==> flow/design.v <==
module alu_selector_v2_m2 #(parameter N = 1) (
    input wire [N-1:0] a,
    input wire [N-1:0] b,
    input wire s,
    output wire [N-1:0] y
);
    assign y = (a & {N{~s}}) | (b & {N{s}});
endmodule
module alu_selector_v2 #(
    parameter integer XLEN = 24,
    parameter integer LANES = 4,
    parameter integer SBITS = $clog2(LANES)
) (
    input  i_clk,
    input  rst_ni,
    input  [LANES*XLEN-1:0] src,
    input  [SBITS-1:0] s,
    output reg [XLEN-1:0] res
);
    reg [LANES*XLEN-1:0] src_reg;
    reg [SBITS-1:0] s_reg;
    wire [XLEN-1:0] nd [1:2*LANES-1];
    genvar k;
    generate
        for (k = 0; k < LANES; k = k + 1) begin : u_g
            assign nd[LANES+k] = src_reg[k*XLEN +: XLEN];
        end
        for (k = 1; k < LANES; k = k + 1) begin : g_bit
            alu_selector_v2_m2 #(.N(XLEN)) unit (.a(nd[2*k]), .b(nd[2*k+1]), .s(s_reg[SBITS - $clog2(k+1)]), .y(nd[k]));
        end
    endgenerate
    always @(posedge i_clk or negedge rst_ni) begin
        if (!rst_ni) begin
            src_reg <= 0;
            s_reg <= 0;
            res <= 0;
        end else begin
            src_reg <= src;
            s_reg <= s;
            res <= nd[1];
        end
    end
endmodule
# Step by step through the tools: alu_selector_v2
# What the tools print for alu_selector_v2, step after step.
# Lines are those of the file above, counted from 1.
# Operators: Yosys type, input widths -> output width; for muxes data width and select width s.
# Cell names lack the library's common part.
# A cell with - has no value.
[setup]
top_module = "alu_selector_v2"
clock_port = "i_clk"
lib = "sky130hd"
lib_corner = "tt_025C_1v80"

# Elaborated design
# Yosys after proc, flatten, opt, wreduce and memory -nomap, before mapping. Enables and synchronous resets that opt folds into registers are not counted as muxes. Print and check cells are not counted. Equal cells are merged and count once.
[bits]
reg_bits = 122
in_bits = 100
elab_cells = 14
[classes]
logic = 11
[op_table]
columns = ["op", "n"]
rows = [
  ["$and 24x24->24", 6],
  ["$or 24x24->24", 3],
  ["$not 1->1", 2],
]

# Logic depth
# Depth = most cells in a row (Yosys ltp): at word level without a register or memory, in the mapped netlist without a sequential cell, where the memories' decode and read muxes count.
[depth]
depth_word = 5
ABC_AREA = 0
ltp_mapped = 3
depth_no_buf = 1

# Netlist
# The flow's flattened synthesis, as Yosys stat reports it; memories are mapped. The netlist is that of the ABC_AREA named above (0 if unset); the other value can give another one.
# Totals and module areas in this step are rounded.
[synth_totals]
cell_count = 152
synth_area_mm2 = 0.0037
ff_cells = 122
[types]
columns = ["type", "n"]
rows = [
  ["dfrtp_1", 122],
  ["mux4_2", 20],
  ["mux4_1", 4],
  ["buf_12", 2],
  ["buf_6", 1],
  ["buf_2", 2],
  ["clkbuf_1", 1],
]
# By module: a second synthesis without flattening, with its own total; a netlist apart from the flattened one above.
[unflattened]
cells_unflattened = 203
hier_area_mm2 = 0.0042
# Rows give one instance, submodules left out.
[modules]
columns = ["mod", "instances", "n_cells", "area_mm2", "seq_area_mm2"]
rows = [
  ["alu_selector_v2", 1, 122, 0.0031, 0.0031],
  ["alu_selector_v2_m2 #(N=24)", 3, 27, 0.0004, 0],
]

# Worst setup path after synthesis
# Source: OpenSTA report_checks on the synthesized netlist (no wires, ideal clock, input and output delay 20% of the period each), path of least setup slack; recovery checks are left aside. Register names are those of the netlist, which keeps one name where synthesis merged equal registers.
[synth_path]
path_kind = "register to register"
start = "register s_reg[0]"
end = "register res[10]"
period_ns = 1.51
setup_ns = 0.138
launch_ns = 0.000
arrival_ns = 1.070
path_slack_ns = 0.302
path_delay_ns = 1.208
path_stages = 4
path_buffers = 2
synth_period_reached_ns = 1.208
# "path_delay_ns" is the arrival time less input delay plus setup time.
# "path_stages": output pins that drive a net of the path, with the launching flip-flop's if there is one; two outputs of one cell count as two.
# "synth_period_reached_ns" is the clock period less the worst setup slack; recovery checks do not enter. This is arithmetic on one report: input and output delays are still those of the set period (20% each).
# Between the ends stands the longest chain of elaborated cells between them, by number of cells; it is not shown to be the way that was timed. Of several equally long chains one is given.
# A line is the first line of the expression or statement that the cell stems from. Yosys adds cells for indexed reads and writes and turns some case tables into memories.
[synth_between]
cell_sequence = "dfrtp_1 > buf_6 > buf_12 > mux4_2"
elab_chain_len = 5
cells_between = 10
lines_between = 1
[synth_rtl]
columns = ["item", "line_no", "rtl"]
rows = [
  ["from (decl)", 21, "reg [SBITS-1:0] s_reg;"],
  ["from (assign)", 35, "s_reg <= 0;"],
  ["from (assign)", 39, "s_reg <= s;"],
  ["$not 1->1", 7, "assign y = (a & {N{~s}}) | (b & {N{s}});"],
  ["$and 24x24->24", 7, ""],
  ["$or 24x24->24", 7, ""],
  ["$and 24x24->24", 7, ""],
  ["$or 24x24->24", 7, ""],
  ["to (assign)", 36, "res <= 0;"],
  ["to (assign)", 40, "res <= nd[1];"],
  ["to (decl)", 18, "output reg [XLEN-1:0] res"],
]

# Timing after layout
# From the final timing report of entry A: the path of least setup slack in the routed layout; clock arrival at registers is part of the times.
[layout_path]
path_kind = "register to output"
start = "register res[13]"
end = "output port res[13]"
period_ns = 1.51
out_delay_ns = 0.30
launch_ns = 0.51
arrival_ns = 1.17
path_slack_ns = 0.04
path_stages = 2
path_buffers = 1
[layout_between]
cell_sequence = "dfrtp_1 > dlygate4sd2_1"
elab_chain_len = 0
cells_between = 0
lines_between = 0
[layout_rtl]
columns = ["item", "line_no", "rtl"]
rows = [
  ["from (decl)", 18, "output reg [XLEN-1:0] res"],
  ["from (assign)", 36, "res <= 0;"],
  ["from (assign)", 40, "res <= nd[1];"],
  ["to (decl)", 18, ""],
]

# Measured results for alu_selector_v2: 3 stored runs of the Yosys and OpenROAD flow on sky130hd. The settings differ; the order carries no meaning. The constraints put input and output delay at 20% of the set period each and load the outputs with 0.01 pF.
# "achieved_clock_period_ns" is the run's clock period less its worst setup slack. It is reckoned from that one timing run; input and output delays stay at 20% of the period that was set.
# "worst_path_ns" is the time allowed to the run's worst setup path (the clock period less input and output delay, where it has them) less its slack. Clock arrival times count: a late capture clock shortens it, a late launch clock lengthens it.
# By "final_power_mw" is meant OpenSTA's value without simulated activity: inputs other than the clock are taken to toggle once in ten clock periods, and the tool carries that through the logic.
# The measured numbers are rounded.

[[run]]
name = "entry A"
[run.settings]
period_ns = 1.51
CAP_MARGIN = 20
CORE_MARGIN = 2
CORE_UTILIZATION = 40
SLEW_MARGIN = 20
[run.results]
die_footprint_mm2 = 0.01
final_power_mw = 8.1
fin_ws_ns = 0.041
achieved_clock_period_ns = 1.469
worst_path_ns = 1.17
worst_path_kind = "register to output"
worst_hold_slack_ns = 0.22
finalUtil_pct = 64
synth_area_mm2 = 0.0037
setupTns_ns = 0.000
post_route_stdcell_area_mm2 = 0.0057

[[run]]
name = "entry B"
[run.settings]
period_ns = 1.53
CORE_UTILIZATION = 71
PLACE_DENSITY = 0.9
HOLD_SLACK_MARGIN = 0.12
CORE_ASPECT_RATIO = 1.6
CELL_PAD_IN_SITES_DETAIL_PLACEMENT = 1
TNS_END_PERCENT = 55
ABC_AREA = 0
GPL_ROUTABILITY_DRIVEN = 1
CTS_CLUSTER_SIZE = 17
CAP_MARGIN = 20
SLEW_MARGIN = 30
MIN_ROUTING_LAYER = "met2"
MAX_ROUTING_LAYER = "met5"
CORE_MARGIN = 2
[run.results]
outcome = "stopped before the end: placement reported a tool error"

[[run]]
name = "entry C"
[run.settings]
period_ns = 1.18
CORE_UTILIZATION = 72
PLACE_DENSITY_LB_ADDON = 0.07
HOLD_SLACK_MARGIN = 0.29
CELL_PAD_IN_SITES_GLOBAL_PLACEMENT = 2
CELL_PAD_IN_SITES_DETAIL_PLACEMENT = 2
TNS_END_PERCENT = 35
GPL_ROUTABILITY_DRIVEN = 1
SLEW_MARGIN = 20
MIN_ROUTING_LAYER = "met1"
CAP_MARGIN = 20
CORE_MARGIN = 2
[run.results]
outcome = "stopped before the end: placement reported FLW-0024"
